==> flow/design.v <==
module cpu_chooser_p #(
  parameter DWIDTH = 16,
  parameter N = 12,
  parameter LG = $clog2(N)
) (
  input wire core_clk,
  input wire rst,
  input wire [N*DWIDTH-1:0] val_in,
  input wire [LG-1:0] select_in,
  output reg [DWIDTH-1:0] res_out
);
  wire [N*DWIDTH-1:0] cur;
  assign cur = val_in >> (select_in * DWIDTH);
  always @(posedge core_clk) begin
    if (rst) begin
      res_out <= 0;
    end else begin
      res_out <= cur[DWIDTH-1:0];
    end
  end
endmodule
* Step by step through the tools: cpu_chooser_p
The steps from the RTL of cpu_chooser_p to its reports follow in flow order.
Line numbers count from 1 in the design file above.
Cell names lack the library's common part.
A cell with -- has no value.
- Design top :: cpu_chooser_p
- Clock input :: core_clk
- Library :: sky130hd
- Corner :: tt_025C_1v80

* Word-level counts
Yosys after proc, flatten, opt, wreduce and memory -nomap, before mapping. Enables and synchronous resets that opt folds into registers are not counted as muxes. Memory bits, and registers merged into a memory's read port (data or address), are not among the register bits. Print and check cells are not counted. Equal cells are merged and count once.
- Input port bits :: 198
- Register bits after elaboration :: 16
- Memory bits (writable) :: 0
- Word width x clocked read ports :: 0
- Word-level cells :: 2
- Memory cells :: 0
- Memory bits (read-only) :: 0
- Latch bits :: 0
- Reduce/logical cells :: 0
- Add/subtract/negate cells :: 0
- $lt $le $gt $ge :: 0
- $mul :: 0
- Bitwise operators :: 0
- Div/mod/pow operators :: 0
- Muxes and demuxes :: 0
- Equality and inequality tests :: 0
- Shift operators :: 1
** Operators with widths (count)
- 192-bit by 8-bit right shift with 16-bit output :: 1

* Longest topological paths
Yosys ltp: most cells in a row. Word level: on the elaborated netlist, between registers, memories and ports. Mapped: between sequential cells and ports; inverters and the memories' decode and read muxes count.
- Word-level depth :: 1
- ABC_AREA :: 0
- Gate-level depth with buffers :: 6
- Mapped depth without buffers :: 3

* Synthesis result
Yosys stat after the flow's synthesis: flattened, memories mapped to cells. It holds for the ABC_AREA given above (unset counts as 0); a run with the other value may have another netlist.
The area totals of this step are shown rounded.
** Cells by type
- mux4_1 :: count 21, total area 551.779 um2
- mux2_2 :: count 32, total area 360.346 um2
- dfxtp_1 :: count 16, total area 320.307 um2
- mux4_2 :: count 11, total area 247.738 um2
- o31ai_1 :: count 15, total area 112.608 um2
- nor2b_1 :: count 16, total area 100.096 um2
- o22ai_1 :: count 16, total area 100.096 um2
- nand2_1 :: count 16, total area 60.058 um2
- buf_12 :: count 2, total area 40.038 um2
- buf_2 :: count 8, total area 40.038 um2
- buf_6 :: count 3, total area 33.782 um2
- clkbuf_8 :: count 1, total area 13.763 um2
- nor3b_2 :: count 1, total area 12.512 um2
- o31ai_2 :: count 1, total area 12.512 um2
- or2_2 :: count 2, total area 12.512 um2
- clkbuf_2 :: count 2, total area 10.01 um2
- buf_4 :: count 1, total area 7.507 um2
- clkbuf_1 :: count 2, total area 7.507 um2
Not listed: further types 2, cells in them 2.
- Flip-flops :: 16
- Sequential area :: 320 um2
- Synthesis area :: 2100 um2
- Cells in the netlist :: 168
- Buffer cells :: 20

* Timing after synthesis
Source: OpenSTA report_checks on the synthesized netlist (no wires, ideal clock, input and output delay 20% of the period each), path of least setup slack; recovery checks are left aside. Register names are those of the netlist, which keeps one name where synthesis merged equal registers.
- Kind :: in2reg
- Start :: in select_in[0]
- End :: reg res_out[10]
- Delay of the path :: 1134 ps
- Arrival time :: 1358 ps
- External input delay :: 354 ps
- Period :: 1770 ps
- Setup time :: 130 ps
- Stages on the path :: 6
- Required time :: 1640 ps
- Slack :: 281 ps
- Period reached after synthesis :: 1489 ps
"delay of the path" is the arrival time less input delay plus setup time.
"stages on the path" counts driving pins, that of a launching flip-flop among them; a cell with two outputs on the path counts twice.
"period reached after synthesis" is the clock period less the worst setup slack; recovery checks do not enter. This is arithmetic on one report: input and output delays are still those of the set period (20% each).
Between the ends stands the longest chain of elaborated cells between them, by number of cells; it is not shown to be the way that was timed. Of several equally long chains one is given.
A line is the first line of the expression or statement that the cell stems from. Yosys adds cells for indexed reads and writes and turns some case tables into memories.
- Cell sequence :: buf_6 -> buf_12 -> buf_12 -> mux4_2 -> nand2_1 -> o31ai_1
- Length of the longest elaborated chain :: 1
- Elaborated cells between the ends (all ways) :: 1
- Source lines of those cells :: 1
- Classes of those cells :: shift: 1
** Ends and longest elaborated chain, after synthesis
- start: declaration :: RTL line 9 : input wire [LG-1:0] select_in,
- 192-bit by 8-bit right shift with 16-bit output :: RTL line 13 : assign cur = val_in >> (select_in * DWIDTH);
- end: assignment :: RTL line 16 : res_out <= 0;
- end: assignment :: RTL line 18 : res_out <= cur[DWIDTH-1:0];
- end: declaration :: RTL line 10 : output reg [DWIDTH-1:0] res_out

* Path in the finished layout
Path of least setup slack in the final report of stored run 1 (OpenROAD, finished layout, wires in). Where an end is a register, its clock arrival counts in the times.
The report prints the path's times to 10 ps; the period is as set.
- Kind :: in2reg
- Start :: in select_in[0]
- End :: reg res_out[10]
- Arrival time :: 1620 ps
- External input delay :: 360 ps
- Period :: 1780 ps
- Setup time :: 120 ps
- Required time :: 1900 ps
- Slack :: 280 ps
- Stages on the path :: 5
Between the ends stands the longest chain of elaborated cells between them, by number of cells; it is not shown to be the way that was timed. Of several equally long chains one is given.
- Cell sequence :: buf_2 -> buf_12 -> mux4_1 -> nor2b_1 -> o31ai_1
- Length of the longest elaborated chain :: 1
- Elaborated cells between the ends (all ways) :: 1
- Source lines of those cells :: 1
- Classes of those cells :: shift: 1
** Ends and longest elaborated chain, post-layout
- start: declaration :: RTL line 9 : input wire [LG-1:0] select_in,
- 192-bit by 8-bit right shift with 16-bit output :: RTL line 13 : assign cur = val_in >> (select_in * DWIDTH);
- end: assignment :: RTL line 16 : res_out <= 0;
- end: assignment :: RTL line 18 : res_out <= cur[DWIDTH-1:0];
- end: declaration :: RTL line 10 : output reg [DWIDTH-1:0] res_out

Module cpu_chooser_p, platform sky130hd: 3 stored runs of the flow (Yosys, OpenROAD) with differing settings, in no particular order. Input and output delays are each 20% of the period that was set; the output load is 0.01 pF.
"achieved clock period" is the run's clock period less its worst setup slack. It is reckoned from that one timing run; input and output delays stay at 20% of the period that was set.
"allowed time less slack (worst setup path)" means the part of the period allowed to the worst setup path (the constraints hold back 20% at inputs and 20% at outputs) less its slack; where the path has registers, the arrival times of their clocks count too.
"total power of the final layout" rests on the timing tool's default activity at the inputs, not on a simulated workload.
"allowed time less slack (worst setup path)" is known to 10 ps.
The measured numbers are rounded.

** Stored run 1
- Settings :: period_ns=1.78; CORE_UTILIZATION=28; SETUP_SLACK_MARGIN=0.17; PLACE_DENSITY_LB_ADDON=0.25; TNS_END_PERCENT=60; GPL_TIMING_DRIVEN=1; GPL_ROUTABILITY_DRIVEN=0; CTS_CLUSTER_SIZE=47; SLEW_MARGIN=30; MIN_ROUTING_LAYER=met2; CAP_MARGIN=20; CORE_MARGIN=2
- Worst hold slack after layout :: 810 ps
- Allowed time less slack (worst setup path) :: 1140 ps
- Class of the worst setup path :: in2reg
- Standard-cell area after layout :: 4400 um2
- Full die area :: 8000 um2
- Utilization in the final report :: 61 %
- Post-synthesis cell area :: 2100 um2
- Achieved clock period :: 1501 ps
- Total power of the final layout :: 1.6 mW
- Setup slack of the critical path :: 280 ps
- Summed negative setup slack :: 0 ps

** Stored run 2
- Settings :: period_ns=1.77; CAP_MARGIN=20; CORE_MARGIN=2; CORE_UTILIZATION=40; SLEW_MARGIN=20
- Worst hold slack after layout :: 820 ps
- Allowed time less slack (worst setup path) :: 1310 ps
- Class of the worst setup path :: in2reg
- Standard-cell area after layout :: 4300 um2
- Full die area :: 5700 um2
- Utilization in the final report :: 86 %
- Post-synthesis cell area :: 2100 um2
- Achieved clock period :: 1662 ps
- Total power of the final layout :: 1.6 mW
- Setup slack of the critical path :: 110 ps
- Summed negative setup slack :: 0 ps

** Stored run 3
- Settings :: period_ns=1.48; CORE_UTILIZATION=47; SETUP_SLACK_MARGIN=0.08; PLACE_DENSITY_LB_ADDON=0.16; HOLD_SLACK_MARGIN=-0.04; CORE_ASPECT_RATIO=1.29; CORE_MARGIN=2; CELL_PAD_IN_SITES_DETAIL_PLACEMENT=2; TNS_END_PERCENT=70; CTS_CLUSTER_SIZE=86; CAP_MARGIN=0; MIN_ROUTING_LAYER=met2; SLEW_MARGIN=20
- Outcome :: incomplete, placement halted on FLW-0024
